==> flow/design.v <==
module dp_relation_v2 #(
  parameter DW = 96
) (
  input  wire CLK,
  input  wire i_rst_n,
  input  wire [DW-1:0] dataa,
  input  wire [DW-1:0] datab,
  output wire is_gt
);
  reg [DW-1:0] dataa_ff;
  always @(posedge CLK or negedge i_rst_n) begin
    if (~i_rst_n) begin
      dataa_ff <= 0;
    end else begin
      dataa_ff <= dataa;
    end
  end
  reg [DW-1:0] datab_ff;
  always @(posedge CLK or negedge i_rst_n) begin
    if (~i_rst_n) begin
      datab_ff <= 0;
    end else begin
      datab_ff <= datab;
    end
  end
  wire [DW:0] cc;
  assign cc[0] = 1'b0;
  genvar g;
  generate
    for (g = 0; g < DW; g = g + 1) begin : blk
      assign cc[g+1] = (dataa_ff[g] ^ datab_ff[g]) ? dataa_ff[g] : cc[g];
    end
  endgenerate
  assign is_gt = cc[DW];
endmodule
; From RTL to reports: dp_relation_v2
; The steps from the RTL of dp_relation_v2 to its reports follow in flow order.
; Line numbers count from 1 in the design file above.
; Operators carry their Yosys type and port widths (W data, S select, Z words).
; Cell names lack the library's common part.
; Not given: --
[inputs]
top_module = dp_relation_v2
clock_port = CLK
lib = sky130hd
corner = tt_025C_1v80

; Elaborated design
; Counts by Yosys on the flattened word-level netlist (proc, flatten, opt, wreduce; memories kept). Register bits leave out memories and registers merged into their read ports (data or address); mux counts leave out enables and synchronous resets folded into registers. Print and check cells are left out. Cells with the same type and inputs are merged into one.
[bits]
register_bits = 192
inputBits = 194
elab_cells = 194
[classes]
n_mux = 96
n_logic = 96
[ops]
columns = operator, count
row1 = $xor A1 B1 Y1, 96
row2 = $mux W1, 96

; Longest topological paths
; Depth = most cells in a row (Yosys ltp): at word level without a register or memory, in the mapped netlist without a sequential cell, where the memories' decode and read muxes count.
[depth]
ltp_word = 97
ABC_AREA = 0
mapped_depth = 8
ltp_nobuf = 8

; After synthesis
; Yosys stat after the flow's synthesis: flattened, memories mapped to cells. It holds for the ABC_AREA given above (unset counts as 0); a run with the other value may have another netlist.
; The area totals of this step are shown rounded.
[types]
columns = cell, count, area_total_um2
row1 = dfrtp_1, 192, 4.8E+03
row2 = nand2b_1, 45, 281.52
row3 = inv_1, 65, 243.984
row4 = nor2b_1, 39, 243.984
row5 = a21oi_1, 23, 115.11
row6 = o22ai_1, 15, 93.84
row7 = nand2_1, 21, 78.826
row8 = a31oi_1, 10, 62.56
row9 = a2111oi_0, 7, 61.309
row10 = o221ai_1, 6, 52.55
row11 = nand3_1, 10, 50.048
row12 = o21ai_0, 10, 50.048
row13 = a22oi_1, 6, 45.043
row14 = maj3_1, 4, 40.038
row15 = o211ai_1, 5, 37.536
row16 = nand3b_1, 4, 30.029
row17 = o31ai_1, 4, 30.029
row18 = a2111oi_4, 1, 27.526
; Other cell types: 37; their cells: 66.
[synth_totals]
mapped_cells = 533
synth_area_um2 = 6863
sequential_area_um2 = 4805
flip_flops = 192

; Timing after synthesis
; Path of least setup slack by OpenSTA after synthesis, without wires, with an ideal clock, recovery checks aside; 20% of the period is set as input and as output delay. Where synthesis merged equal registers, the netlist keeps one of their names.
[synth_timing]
path_kind = register to output
startpoint = register datab_ff[0]
endpoint = output port is_gt
period_ns = 3.39
out_delay_ns = 0.678
launch_ns = 0.000
arrival_time_ns = 2.170
t_required_ns = 2.712
path_slack_ns = 0.542
delay_ns = 2.170
path_stages = 9
path_buffers = 0
period_less_setup_slack_ns = 2.848
; "delay_ns" = arrival - input delay + setup time.
; A path that ends at an output port has no setup time.
; "path_stages": output pins that drive a net of the path, with the launching flip-flop's if there is one; two outputs of one cell count as two.
; "period_less_setup_slack_ns" = period - worst setup slack (recovery checks aside). The figure is calculated, with input and output delays left at 20% of the set period.
; The rows between start and end are the longest chain of elaborated cells between them; the timing report does not say that the signal goes this way. Where chains are equally long, one stands for them.
; Each line given opens the expression or statement behind the cell; cells for indexed reads and writes are added by Yosys, which also makes memories of some case tables.
[synth_between]
path_cell_list = dfrtp_1 -> nand2b_1 -> maj3_2 -> maj3_2 -> a2111oi_4 -> nor3_2 -> o211ai_2 -> a21oi_1 -> o32ai_1
elab_chain_len = 97
cells_between = 97
[synth_lines]
columns = element, line_no
row1 = "start, declared", 18  ; reg [DW-1:0] datab_ff;
row2 = "start, assigned", 21  ; datab_ff <= 0;
row3 = "start, assigned", 23  ; datab_ff <= datab;
row4 = $xor A1 B1 Y1, 31  ; assign cc[g+1] = (dataa_ff[g] ^ datab_ff[g]) ? dataa_ff[g] : cc[g];
row5 = $mux W1 x96, 31
row6 = "end, declared", 8  ; output wire is_gt

; Path in the finished layout
; Path of least setup slack in the final report of run 1 (OpenROAD, finished layout, wires in). Where an end is a register, its clock arrival counts in the times.
[layout_timing]
path_kind = register to output
startpoint = register dataa_ff[79]
endpoint = output port is_gt
period_ns = 3.39
out_delay_ns = 0.68
launch_ns = 0.42
arrival_time_ns = 2.63
t_required_ns = 2.71
path_slack_ns = 0.08
path_stages = 10
path_buffers = 1
; The rows between start and end are the longest chain of elaborated cells between them; the timing report does not say that the signal goes this way. Where chains are equally long, one stands for them.
[layout_between]
path_cell_list = dfrtp_1 -> nor2b_1 -> o221ai_1 -> a221oi_2 -> nand4b_1 -> nor4b_2 -> nand4_1 -> a31oi_1 -> o32ai_2 -> buf_4
elab_chain_len = 18
cells_between = 18
[layout_lines]
columns = element, line_no
row1 = "start, declared", 10  ; reg [DW-1:0] dataa_ff;
row2 = "start, assigned", 13  ; dataa_ff <= 0;
row3 = "start, assigned", 15  ; dataa_ff <= dataa;
row4 = $xor A1 B1 Y1, 31  ; assign cc[g+1] = (dataa_ff[g] ^ datab_ff[g]) ? dataa_ff[g] : cc[g];
row5 = $mux W1 x17, 31
row6 = "end, declared", 8  ; output wire is_gt

; Stored flow runs of dp_relation_v2 (3 of them; Yosys, OpenROAD, sky130hd). They differ in their settings and are not a sequence. Constraints: input delay and output delay 20% of the set period each, output load 0.01 pF.
; Results are given in rounded form.

[run 1: settings]
period_ns = 3.39
CAP_MARGIN = 20
CORE_MARGIN = 2
CORE_UTILIZATION = 40
SLEW_MARGIN = 20
[run 1: results]
yosys_chip_area_um2 = 6863
total_die_area_um2 = 18220
stdcell_area_um2 = 9904
utilization_pct = 59.3
setup_ws_ns = 0.080
tns_setup_ns = 0.000

[run 2: settings]
period_ns = 1.72
CORE_UTILIZATION = 41
SETUP_SLACK_MARGIN = 0.28
CORE_MARGIN = 5
ABC_AREA = 1
GPL_ROUTABILITY_DRIVEN = 0
SLEW_MARGIN = 15
MAX_ROUTING_LAYER = met5
CAP_MARGIN = 20
[run 2: results]
yosys_chip_area_um2 = 6919
total_die_area_um2 = 19570
stdcell_area_um2 = 9887
utilization_pct = 59.6
setup_ws_ns = -4.268
tns_setup_ns = -4.268

[run 3: settings]
period_ns = 2.41
CORE_UTILIZATION = 19
SETUP_SLACK_MARGIN = 0.02
PLACE_DENSITY = 0.61
GPL_TIMING_DRIVEN = 1
CTS_CLUSTER_SIZE = 53
CAP_MARGIN = 30
MAX_ROUTING_LAYER = met4
CORE_MARGIN = 2
SLEW_MARGIN = 20
[run 3: results]
yosys_chip_area_um2 = 6863
total_die_area_um2 = 37660
stdcell_area_um2 = 10930
utilization_pct = 30.7
setup_ws_ns = -0.715
tns_setup_ns = -0.715
